==> flow/design.v <==
module ex_regfile #(
    parameter NREGS = 96,
    parameter WD = 10,
    parameter AW = $clog2(NREGS)
) (
    input  wire sys_clk,
    input  wire we_i,
    input  wire [AW-1:0] wr_addr_i,
    input  wire [WD-1:0] write_data_i,
    input  wire [AW-1:0] rd_idx_i,
    output reg [WD-1:0] rd_data_o
);
    reg we_reg;
    reg [AW-1:0] wr_addr_reg;
    reg [WD-1:0] write_data_reg;
    always @(posedge sys_clk) begin
        we_reg <= we_i;
        wr_addr_reg <= wr_addr_i;
        write_data_reg <= write_data_i;
    end
    reg [WD-1:0] gpr [NREGS-1:0];
    always @(posedge sys_clk) begin
        if (we_reg)
            gpr[wr_addr_reg] <= write_data_reg;
    end
    reg [AW-1:0] rd_idx_reg;
    always @(posedge sys_clk) begin
        rd_idx_reg <= rd_idx_i;
        rd_data_o <= gpr[rd_idx_reg];
    end
endmodule
# == Tool chain data of ex_regfile ==
# Tool output for the design above, in the order of the flow.
# Line numbers count from 1 in the design file above.
# Cell names lack the library's common part.
# Not given: -
# design
top_module,ex_regfile
clock_port,sys_clk
cell_library,sky130hd
pvt_corner,tt_025C_1v80

# == Word level ==
# Counts by Yosys on the flattened word-level netlist (proc, flatten, opt, wreduce; memories kept). Register bits leave out memories and registers merged into their read ports (data or address); mux counts leave out enables and synchronous resets folded into registers. Print and check cells are left out. Cells with the same type and inputs are merged into one.
# Yosys's memory passes give these memory sizes; they may raise the number of words (mostly to a power of two), join words into wider ones and drop unused or constant bits.
# bits
clocked_rd_ports_x_width,10
ram_bits,960
latchBits,0
mem_count,1
reg_bits,25
romBits,0
# classes
logic,0
multipliers,0
shifts,0
compare,0
muxes,3
add_sub_neg,0
div,0
reduce_and_logical,0
n_eq,0
# mem_list
memory,words,width,read_ports,write_ports,line_no,source
gpr,96,10,1,1,21,reg [WD-1:0] gpr [NREGS-1:0];
# ops
cell,count
2-to-1 mux 10 bit,1
2-to-1 mux 7 bit,1
2-to-1 mux 1 bit,1

# == Depth ==
# Longest topological path by Yosys (ltp), each cell counted once; first at word level (registers and memories cut), then after technology mapping (sequential cells cut; the memories' decode and read muxes count).
# depth
ltp_word,1
ABC_AREA,0
depth_mapped,9
depth_no_buf,5

# == Mapped cells and area ==
# The flow's flattened synthesis, as Yosys stat reports it; memories are mapped. The netlist is that of the ABC_AREA named above (0 if unset); the other value can give another one.
# Totals and module areas in this step are rounded.
# types
type,count,area_total_um2
edfxtp_1,960,2.88E+04
mux4_2,228,5.13E+03
dfxtp_1,35,700.672
mux2i_1,70,700.672
nor2_1,107,401.635
a22oi_1,43,322.81
buf_4,25,187.68
nand2_1,48,180.173
buf_2,31,155.149
nand3_1,31,155.149
nor2b_1,17,106.352
a221oi_1,11,96.342
clkbuf_1,25,93.84
nand2b_1,14,87.584
o21ai_0,17,85.082
a22o_1,8,70.067
a21oi_1,13,65.062
buf_6,5,56.304
# Not listed: further types 19, cells in them 64.
# synth_totals
cell_count,1752
synth_area_um2,37860
flip_flops,995
n_buf,90
sequential_area_um2,29530

# == Worst setup path after synthesis ==
# OpenSTA on the mapped netlist: ideal clock, no wires. The path of least setup slack (recovery checks aside). Input and output delay are each 20% of the period. Register names are those of the netlist, which keeps one name where synthesis merged equal registers.
# synth_path
path_kind,flip-flop to flip-flop
startpoint,reg wr_addr_reg[4]
endpoint,mem gpr[50][0]
driving_pins,4
arrival_time_ns,1.611
launch_ns,0.000
setup_time_ns,0.390
clock_period_ns,2.5
path_slack_ns,0.499
delay_ns,2.001
period_less_setup_slack_ns,2.001
# "delay_ns" = arrival - input delay + setup time.
# "driving_pins" counts driving pins, that of a launching flip-flop among them; a cell with two outputs on the path counts twice.
# "period_less_setup_slack_ns" = period - worst setup slack (recovery checks aside). The figure is calculated, with input and output delays left at 20% of the set period.
# The rows between start and end are the longest chain of elaborated cells between them; the timing report does not say that the signal goes this way. Where chains are equally long, one stands for them.
# A line is the first line of the expression or statement that the cell stems from. Yosys adds cells for indexed reads and writes and turns some case tables into memories.
# synth_between
cell_sequence,dfxtp_1 -> nor2b_1 -> nand3_1 -> nor3_1
elab_chain_cells,1
cone_cells,1
classes_between,mux: 1
# synth_lines
item,line_no,source
from (decl),14,reg [AW-1:0] wr_addr_reg;
from (assign),18,wr_addr_reg <= wr_addr_i;
2-to-1 mux 7 bit,23,if (we_reg)
to (decl),21,reg [WD-1:0] gpr [NREGS-1:0];

# == Worst path after layout ==
# From the final timing report of record 1: the path of least setup slack in the routed layout; clock arrival at registers is part of the times.
# layout_path
path_kind,flip-flop to flip-flop
startpoint,reg rd_idx_reg[2]
endpoint,reg rd_data_o[0]
driving_pins,7
setup_time_ns,0.11
launch_ns,0.63
arrival_time_ns,3.04
clock_period_ns,3.1
path_slack_ns,0.63
# layout_between
cell_sequence,dfxtp_4 -> buf_4 -> mux4_2 -> mux2_2 -> a221oi_2 -> a221o_1 -> o211ai_1
# layout_lines
item,line_no,source
from (decl),26,reg [AW-1:0] rd_idx_reg;
from (assign),28,rd_idx_reg <= rd_idx_i;
to (decl),11,output reg [WD-1:0] rd_data_o
# Chain of elaborated cells between the ends: none given.

# Record of 2 stored runs of the RTL-to-layout flow on ex_regfile, platform sky130hd. The runs are unordered. Constraints: input delay and output delay 20% of the set period each, output load 0.01 pF.
# "achievedPeriod_ns" = clock period - worst setup slack. The figure is calculated, with input and output delays left at 20% of the set period.
# By "worstPathTime_ns" is meant the share of the clock period that the worst setup path is allowed (20% is reserved at inputs, 20% at outputs), minus its slack. Clock arrival times at its registers enter into it.
# "power.total_mw": no workload was simulated; the value follows from the tool's default switching activity.
# The measured numbers are rounded.
# Settings: . = not set for that run.
run name,period_ns,CORE_UTILIZATION,SETUP_SLACK_MARGIN,PLACE_DENSITY_LB_ADDON,HOLD_SLACK_MARGIN,CELL_PAD_IN_SITES_GLOBAL_PLACEMENT,CELL_PAD_IN_SITES_DETAIL_PLACEMENT,CTS_CLUSTER_SIZE,CTS_CLUSTER_DIAMETER,MIN_ROUTING_LAYER,CAP_MARGIN,CORE_MARGIN,SLEW_MARGIN,achievedPeriod_ns,design_die_area_um2,worst_setup_slack_ns,tns_ns,final_hold_ws_ns,yosys_chip_area_um2,worstPathTime_ns,critical_path_kind,finalUtil_frac,stdcell_area_um2,power.total_mw
record 1,3.1,38,0.58,0.08,0.23,1,0,50,295,met1,20,2,20,2.475,102200,0.625,0.000,0.354,37860,2.47,flip-flop to flip-flop,0.428,42170,21.55
record 2,2.5,40,.,.,.,.,.,.,.,.,20,2,20,2.456,97140,0.044,0.000,0.270,37860,2.46,flip-flop to flip-flop,0.477,44660,35.32
